==> flow/design.v <==
module dp_shifter_v2 #(
  parameter BITS = 56,
  parameter SEL_WIDTH = $clog2(BITS)
) (
  input logic core_clk,
  input logic ce,
  input logic [BITS-1:0] i_ch,
  input logic [SEL_WIDTH-1:0] i_count,
  output logic [BITS-1:0] o_res
);
  logic [BITS-1:0] r_ch;
  logic [SEL_WIDTH-1:0] r_count;
  always_ff @(posedge core_clk) begin
    if (ce) begin
      r_ch <= i_ch;
      r_count <= i_count;
      o_res <= r_ch << r_count;
    end
  end
endmodule
# Reports on dp_shifter_v2
# The steps from the RTL of dp_shifter_v2 to its reports follow in flow order.
# Lines are those of the file above, counted from 1.
# Cell names lack the library's common part.
# A cell with -- has no value.
[inputs]
design = "dp_shifter_v2"
clock = "core_clk"
lib = "sky130hd"
lib_corner = "tt_025C_1v80"

# After elaboration
# Source: Yosys, flattened and elaborated, memories not mapped. Widths are those after wreduce; folded enables and synchronous resets count as part of the registers. Registers that Yosys merges into a memory's read port (data or address) are not register bits. Print and check cells do not count. Equal cells are merged and count once.
[word_totals]
register_bits = 118
output_inout_bits = 56
[op_classes]
shifts = 1
[ops]
columns = ["operator", "count"]
rows = [
  ["56-bit by 6-bit left shift with 56-bit output", 1],
]

# Longest topological paths
# Depth = most cells in a row (Yosys ltp): at word level without a register or memory, in the mapped netlist without a sequential cell, where the memories' decode and read muxes count.
[depth]
word_depth = 1
ABC_AREA = 0
ltp_mapped = 10

# After synthesis
# Source: synth_stat.txt of the flow (Yosys; design flattened, memories mapped). It holds for the ABC_AREA given above (unset counts as 0); a run with the other value may have another netlist.
# Totals and module areas in this step are rounded.
[synth_totals]
cell_count = 576
area_um2 = 7740
seq_area_um2 = 3540
ff_cells = 118
[types]
columns = ["cell_type", "count", "area_total_um2"]
rows = [
  ["edfxtp_1", 118, 3.54E+03],
  ["mux4_2", 69, 1553.99],
  ["mux2i_1", 50, 500.48],
  ["mux2_2", 22, 247.738],
  ["nor2_1", 52, 195.187],
  ["nand2_1", 46, 172.666],
  ["mux4_1", 5, 131.376],
  ["a21oi_1", 21, 105.101],
  ["buf_2", 19, 95.091],
  ["buf_6", 8, 90.086],
  ["nand3_1", 18, 90.086],
  ["o221ai_1", 9, 78.826],
  ["o21ai_1", 14, 70.067],
  ["clkbuf_1", 17, 63.811],
  ["o211ai_1", 8, 60.058],
  ["buf_4", 6, 45.043],
  ["mux2_4", 3, 45.043],
  ["a211oi_1", 5, 37.536],
]
# Not listed: further types 40, cells in them 86.

# Worst setup path after synthesis
# OpenSTA on the mapped netlist: ideal clock, no wires. The path of least setup slack (recovery checks aside). Input and output delay are each 20% of the period. Register names are those of the netlist, which keeps one name where synthesis merged equal registers.
[synth_timing]
path_type = "reg2reg"
start = "register r_count[1]"
end = "register o_res[34]"
clock_period_ns = 2.66
arrival_ns = 1.867
path_slack_ns = 0.534
path_delay_ns = 2.126
stages = 6
n_path_buf = 1
synth_period_reached_ns = 2.126
# "path_delay_ns" is the arrival time less input delay plus setup time.
# "stages" counts driving pins, that of a launching flip-flop among them; a cell with two outputs on the path counts twice.
# "synth_period_reached_ns" is the clock period less the worst setup slack; recovery checks do not enter. This is arithmetic on one report: input and output delays are still those of the set period (20% each).
# The rows between start and end are the longest chain of elaborated cells between them; the timing report does not say that the signal goes this way. Where chains are equally long, one stands for them.
# Each line given opens the expression or statement behind the cell; cells for indexed reads and writes are added by Yosys, which also makes memories of some case tables.
[synth_between]
path_cell_list = "edfxtp_1 > buf_6 > mux4_2 > mux2_4 > mux2_4 > a211o_1"
elab_chain_len = 1
cells_between = 1
lines_between = 1
cone_classes = "1 x shift"
[synth_lines]
columns = ["element", "line_no", "rtl"]
rows = [
  ["start: declaration", 12, "logic [SEL_WIDTH-1:0] r_count;"],
  ["start: assignment", 16, "r_count <= i_count;"],
  ["56-bit by 6-bit left shift with 56-bit output", 17, "o_res <= r_ch << r_count;"],
  ["end: assignment", 17, ""],
  ["end: declaration", 9, "output logic [BITS-1:0] o_res"],
]

# Timing after layout
# From the final timing report of record 1: the path of least setup slack in the routed layout; clock arrival at registers is part of the times.
[layout_timing]
path_type = "reg2reg"
start = "register r_count[3]"
end = "register o_res[50]"
clock_period_ns = 3.44
arrival_ns = 2.89
path_slack_ns = 0.71
stages = 7
n_path_buf = 1
# The rows between start and end are the longest chain of elaborated cells between them; the timing report does not say that the signal goes this way. Where chains are equally long, one stands for them.
[layout_between]
path_cell_list = "edfxtp_1 > inv_1 > buf_4 > mux2_4 > mux2_4 > a21oi_1 > o21ai_1"
elab_chain_len = 1
cells_between = 1
lines_between = 1
cone_classes = "1 x shift"
[layout_lines]
columns = ["element", "line_no", "rtl"]
rows = [
  ["start: declaration", 12, "logic [SEL_WIDTH-1:0] r_count;"],
  ["start: assignment", 16, "r_count <= i_count;"],
  ["56-bit by 6-bit left shift with 56-bit output", 17, "o_res <= r_ch << r_count;"],
  ["end: assignment", 17, ""],
  ["end: declaration", 9, "output logic [BITS-1:0] o_res"],
]

# Record of 3 stored runs of the RTL-to-layout flow on dp_shifter_v2, platform sky130hd. The runs are unordered. Constraints: input delay and output delay 20% of the set period each, output load 0.01 pF.
# "clock_period_reached_ns" means the clock period less the worst setup slack. The figure is calculated, with input and output delays left at 20% of the set period.
# By "worst_setup_path_time_ns" is meant the share of the clock period that the worst setup path is allowed (20% is reserved at inputs, 20% at outputs), minus its slack. Clock arrival times at its registers enter into it.
# "power_total_uw" rests on the timing tool's default activity at the inputs, not on a simulated workload.
# Measured values are rounded.

[[run]]
name = "record 1"
[run.settings]
period_ns = 3.44
CORE_UTILIZATION = 18
SETUP_SLACK_MARGIN = 0.39
HOLD_SLACK_MARGIN = 0.1
CORE_MARGIN = 10
TNS_END_PERCENT = 45
CTS_CLUSTER_DIAMETER = 397
SLEW_MARGIN = 10
CAP_MARGIN = 20
[run.results]
clock_period_reached_ns = 2.733
die_area_um2 = 51700
worst_setup_path_time_ns = 2.73
critical_path_kind = "reg2reg"
power_total_uw = 5240
post_synth_area_um2 = 7740
finish.stdcell_area_um2 = 10300
fin_ws_ns = 0.707
setup_tns_ns = 0.000

[[run]]
name = "record 2"
[run.settings]
period_ns = 2.33
CORE_UTILIZATION = 67
SETUP_SLACK_MARGIN = -0.1
PLACE_DENSITY = 0.6
HOLD_SLACK_MARGIN = -0.05
CORE_MARGIN = 4
CELL_PAD_IN_SITES_GLOBAL_PLACEMENT = 2
GPL_TIMING_DRIVEN = 1
SLEW_MARGIN = 25
MIN_ROUTING_LAYER = "met2"
MAX_ROUTING_LAYER = "met5"
CAP_MARGIN = 20
[run.results]
outcome = "did not finish, placement stopped with GPL-0301"

[[run]]
name = "record 3"
[run.settings]
period_ns = 2.66
CAP_MARGIN = 20
CORE_MARGIN = 2
CORE_UTILIZATION = 40
SLEW_MARGIN = 20
[run.results]
clock_period_reached_ns = 2.525
die_area_um2 = 20500
worst_setup_path_time_ns = 2.52
critical_path_kind = "reg2reg"
power_total_uw = 6600
post_synth_area_um2 = 7740
finish.stdcell_area_um2 = 10100
fin_ws_ns = 0.135
setup_tns_ns = 0.000
